==> flow/design.v <==
module cmp_v2 #(
    parameter integer DW = 32,
    parameter integer COUNT = 3
) (
    input wire clk_i,
    input wire en,
    input wire [COUNT*DW-1:0] src,
    output reg [DW-1:0] max_o
);
    wire [DW-1:0] n_ [1:2*COUNT-1];
    genvar ii;
    generate
        for (ii = 0; ii < COUNT; ii = ii + 1) begin : blk
            assign n_[COUNT+ii] = src[ii*DW +: DW];
        end
        for (ii = 1; ii < COUNT; ii = ii + 1) begin : slice
            assign n_[ii] = (n_[2*ii] > n_[2*ii+1]) ? n_[2*ii] : n_[2*ii+1];
        end
    endgenerate
    always @(posedge clk_i) begin
        if (en) begin
            max_o <= n_[1];
        end
    end
endmodule
# From RTL to reports: cmp_v2

What the tools print for cmp_v2, step after step.
Lines are those of the file above, counted from 1.
Operators carry their Yosys type and port widths (W data, S select, Z words).
Cell names lack the library's common part.
The mark - stands for no value.

Top module: cmp_v2
Clock port: clk_i
Library: sky130hd
Library corner: tt_025C_1v80

# Word level

Counts by Yosys on the flattened word-level netlist (proc, flatten, opt, wreduce; memories kept). Register bits leave out memories and registers merged into their read ports (data or address); mux counts leave out enables and synchronous resets folded into registers. Print and check cells are left out. Cells with the same type and inputs are merged into one.

Register bits after elaboration: 32
Output and inout port bits: 32

Magnitude comparators: 2
Mux-type cells: 2

Operators by type and width:

| kind           | number |
| $gt A32 B32 Y1 | 2 |
| $mux W32       | 2 |

# Logic depth

Yosys ltp: most cells in a row. Word level: on the elaborated netlist, between registers, memories and ports. Mapped: between sequential cells and ports; inverters and the memories' decode and read muxes count.

Depth in word-level cells: 4
ABC_AREA: 0
Gate-level depth with buffers: 18

# After synthesis

Source: synth_stat.txt of the flow (Yosys; design flattened, memories mapped). It holds for the ABC_AREA given above (unset counts as 0); a run with the other value may have another netlist.

Cell types:

| type     | number | area in all (um^2) |
| edfxtp_1 | 32     | 960.922 |
| ha_1     | 64     | 800.768 |
| mux2_4   | 29     | 435.418 |
| mux2_2   | 33     | 371.606 |
| inv_1    | 69     | 258.998 |
| a21oi_1  | 27     | 135.13 |
| nand4_1  | 12     | 75.072 |
| nand2_1  | 12     | 45.043 |
| o21ai_0  | 9      | 45.043 |
| buf_6    | 3      | 33.782 |
| a21o_1   | 4      | 30.029 |
| a221oi_1 | 3      | 26.275 |
| o211ai_1 | 3      | 22.522 |
| mux2i_1  | 2      | 20.019 |
| nand3_1  | 4      | 20.019 |
| nor2_1   | 5      | 18.768 |
| nand3b_1 | 2      | 15.014 |
| a31oi_2  | 1      | 12.512 |

Not listed: further types 19, cells in them 21.

Cell count: 335
Mapped area: 3495.9 um^2
Sequential area: 960.9 um^2
Mapped flip-flops: 32

# Timing after synthesis

Source: OpenSTA report_checks on the synthesized netlist (no wires, ideal clock, input and output delay 20% of the period each), path of least setup slack; recovery checks are left aside. Register names are those of the netlist, which keeps one name where synthesis merged equal registers.

Path kind: input-to-reg
Start point: input port src[75]
End point: register max_o[22]
Period: 6.6 ns
Input delay: 1.320 ns
Arrival time: 5.281 ns
Data required time: 6.340 ns
Setup slack: 1.059 ns
Path delay: 4.221 ns
Driving pins on the path: 18
Buffers on the path: 2
Period reached after synthesis: 5.541 ns

"path delay" = arrival - input delay + setup time.
"driving pins on the path": output pins that drive a net of the path, with the launching flip-flop's if there is one; two outputs of one cell count as two.
"period reached after synthesis" is the clock period less the worst setup slack; recovery checks do not enter. This is arithmetic on one report: input and output delays are still those of the set period (20% each).
The rows between start and end are the longest chain of elaborated cells between them; the timing report does not say that the signal goes this way. Where chains are equally long, one stands for them.
Each line given opens the expression or statement behind the cell; cells for indexed reads and writes are added by Yosys, which also makes memories of some case tables.

Cell sequence: inv_1 ha_1 nand4_1 or4_4 o21ai_0 o22ai_1 nor2_4 buf_6 mux2_4 ha_1 and4_1 nand3_1 nand3b_1 a2111oi_0 a211oi_1 a21oi_1 buf_2 mux2_2
Length of the longest elaborated chain: 4

Ends and longest elaborated chain, post-synthesis:

| what               | RTL line | text |
| start: declaration | 7        | `input wire [COUNT*DW-1:0] src,` |
| $gt A32 B32 Y1     | 17       | `assign n_[ii] = (n_[2*ii] > n_[2*ii+1]) ? n_[2*ii] : n_[2*ii+1];` |
| $mux W32           | 17       |  |
| $gt A32 B32 Y1     | 17       |  |
| $mux W32           | 17       |  |
| end: assignment    | 22       | `max_o <= n_[1];` |
| end: declaration   | 8        | `output reg [DW-1:0] max_o` |

# Path in the finished layout

From the final timing report of run 1: the path of least setup slack in the routed layout; clock arrival at registers is part of the times.

Path kind: input-to-reg
Start point: input port src[75]
End point: register max_o[10]
Period: 6.6 ns
Input delay: 1.32 ns
Arrival time: 6.17 ns
Data required time: 6.64 ns
Setup slack: 0.46 ns
Driving pins on the path: 19
Buffers on the path: 3

The rows between start and end are the longest chain of elaborated cells between them; the timing report does not say that the signal goes this way. Where chains are equally long, one stands for them.

Cell sequence: clkdlybuf4s50_1 inv_1 ha_1 nand4_1 or4_4 o21ai_0 o22ai_1 nor2_4 buf_4 mux2_4 ha_1 nand4_1 nor2_1 nand3b_1 a2111oi_0 a211oi_1 a21oi_4 buf_4 mux2_2
Length of the longest elaborated chain: 4

Ends and longest elaborated chain, post-layout:

| what               | RTL line | text |
| start: declaration | 7        | `input wire [COUNT*DW-1:0] src,` |
| $gt A32 B32 Y1     | 17       | `assign n_[ii] = (n_[2*ii] > n_[2*ii+1]) ? n_[2*ii] : n_[2*ii+1];` |
| $mux W32           | 17       |  |
| $gt A32 B32 Y1     | 17       |  |
| $mux W32           | 17       |  |
| end: assignment    | 22       | `max_o <= n_[1];` |
| end: declaration   | 8        | `output reg [DW-1:0] max_o` |

Wiki page: cmp_v2 / flow data

Stored flow runs of cmp_v2 (3 of them; Yosys, OpenROAD, sky130hd). They differ in their settings and are not a sequence. Constraints: input delay and output delay 20% of the set period each, output load 0.01 pF.
"clock period reached" = clock period - worst setup slack. The figure is calculated, with input and output delays left at 20% of the set period.
By "critical path time" is meant the share of the clock period that the worst setup path is allowed (20% is reserved at inputs, 20% at outputs), minus its slack. Clock arrival times at its registers enter into it.
"total design power" rests on the timing tool's default activity at the inputs, not on a simulated workload.

## Run 1

==> flow/run.sh <==
#!/bin/bash
# the make line also repeats the synthesis and layout settings of config.mk as NAME=value (left out here)
make -C /OpenROAD-flow-scripts/flow DESIGN_CONFIG=/design/flow/config.mk WORK_HOME=/design/flow/orfs CLKGATE_MAP_FILE= finish
==> flow/config.mk <==
export PLATFORM = sky130hd
export DESIGN_NAME = cmp_v2
export DESIGN_NICKNAME = cmp_v2
export VERILOG_FILES = /design/flow/design.v
export SDC_FILE = /design/flow/constraint.sdc
export NUM_CORES = 4
export LEC_CHECK = 0
export CAP_MARGIN = 20
export CORE_MARGIN = 2
export CORE_UTILIZATION = 40
export SLEW_MARGIN = 20
==> flow/constraint.sdc <==
create_clock -name core_clock -period 6.6 [get_ports {clk_i}]
set_input_delay 1.3200 -clock core_clock [delete_from_list [all_inputs] [get_ports {clk_i}]]
set_output_delay 1.3200 -clock core_clock [all_outputs]
set_load 0.01 [all_outputs]

| result of run 1 | value |
|---|---|
| lowest hold slack | 1.741 ns |
| summed negative setup slack | 0.000 ns |
| utilization in the final report | 58.9 % |
| cell area after synthesis | 3495.9 um^2 |
| area of the standard cells in the finished layout | 5059.9 um^2 |
| setup slack of the worst path | 0.465 ns |
| critical path time | 4.82 ns |
| worst setup path kind | input-to-reg |
| die size | 9503.3 um^2 |
| total design power | 848.8 µW |
| clock period reached | 6.135 ns |

## Run 2

==> flow/run.sh <==
#!/bin/bash
# the make line also repeats the synthesis and layout settings of config.mk as NAME=value (left out here)
make -C /OpenROAD-flow-scripts/flow DESIGN_CONFIG=/design/flow/config.mk WORK_HOME=/design/flow/orfs CLKGATE_MAP_FILE= finish
==> flow/config.mk <==
export PLATFORM = sky130hd
export DESIGN_NAME = cmp_v2
export DESIGN_NICKNAME = cmp_v2
export VERILOG_FILES = /design/flow/design.v
export SDC_FILE = /design/flow/constraint.sdc
export NUM_CORES = 4
export LEC_CHECK = 0
export CAP_MARGIN = 20
export CORE_ASPECT_RATIO = 0.67
export CORE_MARGIN = 2
export CORE_UTILIZATION = 16
export CTS_CLUSTER_DIAMETER = 36
export GPL_TIMING_DRIVEN = 1
export MIN_ROUTING_LAYER = met1
export PLACE_DENSITY = 0.78
export SETUP_SLACK_MARGIN = 1.05
export SLEW_MARGIN = 25
==> flow/constraint.sdc <==
create_clock -name core_clock -period 8.19 [get_ports {clk_i}]
set_input_delay 1.6380 -clock core_clock [delete_from_list [all_inputs] [get_ports {clk_i}]]
set_output_delay 1.6380 -clock core_clock [all_outputs]
set_load 0.01 [all_outputs]

| result of run 2 | value |
|---|---|
| area of the standard cells in the finished layout | 5297.6 um^2 |
| setup slack of the worst path | 1.729 ns |
| summed negative setup slack | 0.000 ns |
| utilization in the final report | 24.6 % |
| lowest hold slack | 2.015 ns |
| critical path time | 4.82 ns |
| worst setup path kind | input-to-reg |
| die size | 23071.3 um^2 |
| total design power | 729.4 µW |
| clock period reached | 6.461 ns |
| cell area after synthesis | 3495.9 um^2 |

## Run 3

==> flow/run.sh <==
#!/bin/bash
# the make line also repeats the synthesis and layout settings of config.mk as NAME=value (left out here)
make -C /OpenROAD-flow-scripts/flow DESIGN_CONFIG=/design/flow/config.mk WORK_HOME=/design/flow/orfs CLKGATE_MAP_FILE= finish
==> flow/config.mk <==
export PLATFORM = sky130hd
export DESIGN_NAME = cmp_v2
export DESIGN_NICKNAME = cmp_v2
export VERILOG_FILES = /design/flow/design.v
export SDC_FILE = /design/flow/constraint.sdc
export NUM_CORES = 4
export LEC_CHECK = 0
export ABC_AREA = 0
export CAP_MARGIN = 20
export CORE_ASPECT_RATIO = 0.63
export CORE_MARGIN = 2
export CORE_UTILIZATION = 54
export CTS_CLUSTER_DIAMETER = 73
export GPL_ROUTABILITY_DRIVEN = 0
export GPL_TIMING_DRIVEN = 1
export PLACE_DENSITY_LB_ADDON = 0.13
export SLEW_MARGIN = 35
==> flow/constraint.sdc <==
create_clock -name core_clock -period 6.33 [get_ports {clk_i}]
set_input_delay 1.2660 -clock core_clock [delete_from_list [all_inputs] [get_ports {clk_i}]]
set_output_delay 1.2660 -clock core_clock [all_outputs]
set_load 0.01 [all_outputs]

| result of run 3 | value |
|---|---|
| die size | 7150.4 um^2 |
| utilization in the final report | 80.1 % |
| critical path time | 4.72 ns |
| worst setup path kind | input-to-reg |
| clock period reached | 5.990 ns |
| setup slack of the worst path | 0.340 ns |
| total design power | 901 µW |
| summed negative setup slack | 0.000 ns |
| cell area after synthesis | 3495.9 um^2 |
| area of the standard cells in the finished layout | 5049.8 um^2 |
| lowest hold slack | 1.692 ns |
